==> flow/design.v <==
module gen_diff_unit (clk, reset, i_x, i_y, o_q, o_diff);
    parameter XLEN = 56;
    input clk;
    input reset;
    input [XLEN-1:0] i_x;
    input [XLEN-1:0] i_y;
    output [XLEN:0] o_q;
    output [XLEN:0] o_diff;
    reg [XLEN-1:0] x_reg;
    reg [XLEN-1:0] y_reg;
    always @(posedge clk) begin
        if (reset) begin
            x_reg <= 0;
            y_reg <= 0;
        end else begin
            x_reg <= i_x;
            y_reg <= i_y;
        end
    end
    assign o_q = x_reg + y_reg;
    assign o_diff = x_reg - y_reg;
endmodule
-- Reports on gen_diff_unit
The steps from the RTL of gen_diff_unit to its reports follow in flow order.
Line numbers count from 1 in the design file above.
Operators carry their Yosys type and port widths (W data, S select, Z words).
Cell names lack the library's common part.
Not given: n/a
- top module: gen_diff_unit
- clock input: clk
- library: sky130hd
- timing corner: tt_025C_1v80

-- Elaborated design
Counts by Yosys on the flattened word-level netlist (proc, flatten, opt, wreduce; memories kept). Register bits leave out memories and registers merged into their read ports (data or address); mux counts leave out enables and synchronous resets folded into registers. Print and check cells are left out. Cells with the same type and inputs are merged into one.
- bits in latches at 0
- word-level cells at 4
- noted clocked read ports x word width: 0
- memory cells: 0
- register bits after elaboration at 112
- noted output and inout bits: 114
- RAM bits: 0
- bits in read-only memories at 0
- bits of input ports: 114
- $lt $le $gt $ge: 0
- reduce/logical cells: 0
- noted $mul: 0
- multiplexer cells: 0
- bitwise gates (word level): 0
- noted add/sub/neg operators: 2
- noted equal/unequal tests: 0
- shifts and indexed selects at 0
- div/mod/pow operators at 0
- operators by type and width (cell ; number):
    $add A56 B56 Y57 ; 1
    $sub A56 B56 Y57 ; 1

-- Depth
Depth = most cells in a row (Yosys ltp): at word level without a register or memory, in the mapped netlist without a sequential cell, where the memories' decode and read muxes count.
- word-level depth at 1
- noted ABC_AREA: 0
- gate-level depth with buffers at 13

-- Mapped cells and area
Yosys stat after the flow's synthesis: flattened, memories mapped to cells. It holds for the ABC_AREA given above (unset counts as 0); a run with the other value may have another netlist.
Totals and module areas in this step are rounded.
- cell types (cell ; number ; total area (um^2)):
    dfxtp_1 ; 112 ; 2242.15
    ha_1 ; 112 ; 1.4E+03
    xnor2_1 ; 98 ; 858.323
    nor2b_1 ; 124 ; 775.744
    a21oi_1 ; 141 ; 705.677
    inv_1 ; 108 ; 405.389
    nor2_1 ; 87 ; 326.563
    o21bai_1 ; 38 ; 285.274
    nand2_1 ; 52 ; 195.187
    o21ai_0 ; 38 ; 190.182
    a21o_1 ; 24 ; 180.173
    nor3_1 ; 28 ; 140.134
    clkbuf_1 ; 37 ; 138.883
    o31ai_1 ; 18 ; 135.13
    a31oi_1 ; 14 ; 87.584
    nand4_1 ; 14 ; 87.584
    o31a_1 ; 10 ; 87.584
    buf_2 ; 17 ; 85.082
Other cell types: 57; their cells: 183.
- flip-flop cells at 112
- noted cell count: 1255
- mapped area at 9790 um^2

-- Timing after synthesis
Path of least setup slack by OpenSTA after synthesis, without wires, with an ideal clock, recovery checks aside; 20% of the period is set as input and as output delay. Where synthesis merged equal registers, the netlist keeps one of their names.
- path type: register -> output
- start point: reg x_reg[0]
- end point: out o_q[50]
- data arrival time at 2.834 ns
- data required time: 3.544 ns
- period at 4.43 ns
- setup slack at 0.710 ns
- path delay at 2.834 ns
- noted path buffers: 0
- driving pins on the path at 13
- noted synthesis period reached: 3.72 ns
"path delay" = arrival - input delay + setup time.
A path that ends at an output port has no setup time.
"driving pins on the path": output pins that drive a net of the path, with the launching flip-flop's if there is one; two outputs of one cell count as two.
"synthesis period reached" is the clock period less the worst setup slack; recovery checks do not enter. This is arithmetic on one report: input and output delays are still those of the set period (20% each).
The rows between start and end are the longest chain of elaborated cells between them; the timing report does not say that the signal goes this way. Where chains are equally long, one stands for them.
Each line given opens the expression or statement behind the cell; cells for indexed reads and writes are added by Yosys, which also makes memories of some case tables.
- cell sequence: dfxtp_1 ha_1 fa_1 nand2b_1 a21oi_1 a221oi_2 o31ai_1 a211o_1 a41oi_2 o21ai_1 a21oi_1 o21ai_1 xnor2_1
- cells in the longest elaborated chain: 1
- elaborated cells on any way between the ends: 1
- noted source lines of those cells: 1
- RTL lines, path post-synthesis (element ; line ; source):
    start: declaration ; 9 ; reg [XLEN-1:0] x_reg;
    start: assignment ; 13 ; x_reg <= 0;
    start: assignment ; 16 ; x_reg <= i_x;
    $add A56 B56 Y57 ; 20 ; assign o_q = x_reg + y_reg;
    end: declaration ; 7 ; output [XLEN:0] o_q;

-- Path in the finished layout
From the final timing report of run 2: the path of least setup slack in the routed layout; clock arrival at registers is part of the times.
- path type: register -> output
- start point: reg x_reg[0]
- end point: out o_diff[54]
- data required time: 3.54 ns
- period at 4.43 ns
- setup slack at 0.00 ns
- noted path buffers: 2
- driving pins on the path at 15
- data arrival time at 3.54 ns
The rows between start and end are the longest chain of elaborated cells between them; the timing report does not say that the signal goes this way. Where chains are equally long, one stands for them.
- cell sequence: dfxtp_2 inv_2 ha_4 fa_2 nor2b_4 o211ai_1 a31o_2 a211o_1 o31a_1 nand3b_1 nand4_1 buf_4 a31oi_1 xnor2_1 buf_2
- cells in the longest elaborated chain: 1
- elaborated cells on any way between the ends: 1
- noted source lines of those cells: 1
- RTL lines, path post-layout (element ; line ; source):
    start: declaration ; 9 ; reg [XLEN-1:0] x_reg;
    start: assignment ; 13 ; x_reg <= 0;
    start: assignment ; 16 ; x_reg <= i_x;
    $sub A56 B56 Y57 ; 21 ; assign o_diff = x_reg - y_reg;
    end: declaration ; 8 ; output [XLEN:0] o_diff;

# Flow runs of gen_diff_unit

Record of 2 stored runs of the RTL-to-layout flow on gen_diff_unit, platform sky130hd. The runs are unordered. Constraints: input delay and output delay 20% of the set period each, output load 0.01 pF.
"achieved period" = clock period - worst setup slack. The figure is calculated, with input and output delays left at 20% of the set period.
"critical path time": the worst setup path's part of the clock period (all of it between registers, 20% less for each end at a port) less its slack. A launch clock that arrives late makes it longer, a capture clock that arrives late makes it shorter.
"power consumption": no workload was simulated; the value follows from the tool's default switching activity.
Values from the reports are rounded here.

Run 1
Settings were period_ns = 2.97; CORE_UTILIZATION = 64; PLACE_DENSITY_LB_ADDON = 0.16; CTS_CLUSTER_SIZE = 99; CAP_MARGIN = 25; CORE_MARGIN = 2; SLEW_MARGIN = 20
- did not finish, placement stopped with DPL-0038

Run 2
Settings were period_ns = 4.43; CAP_MARGIN = 20; CORE_MARGIN = 2; CORE_UTILIZATION = 40; SLEW_MARGIN = 20
- power consumption at 4040 uW
- noted the utilization after layout: 61.2 %
- noted the chip area in the Yosys report: 9790 um^2
- die size: 25700 um^2
- noted the setup slack of the critical path: 0.001 ns
- lowest hold slack: 1.05 ns
- achieved period: 4.429 ns
- noted the critical path time: 3.54 ns
- critical path kind: register -> output
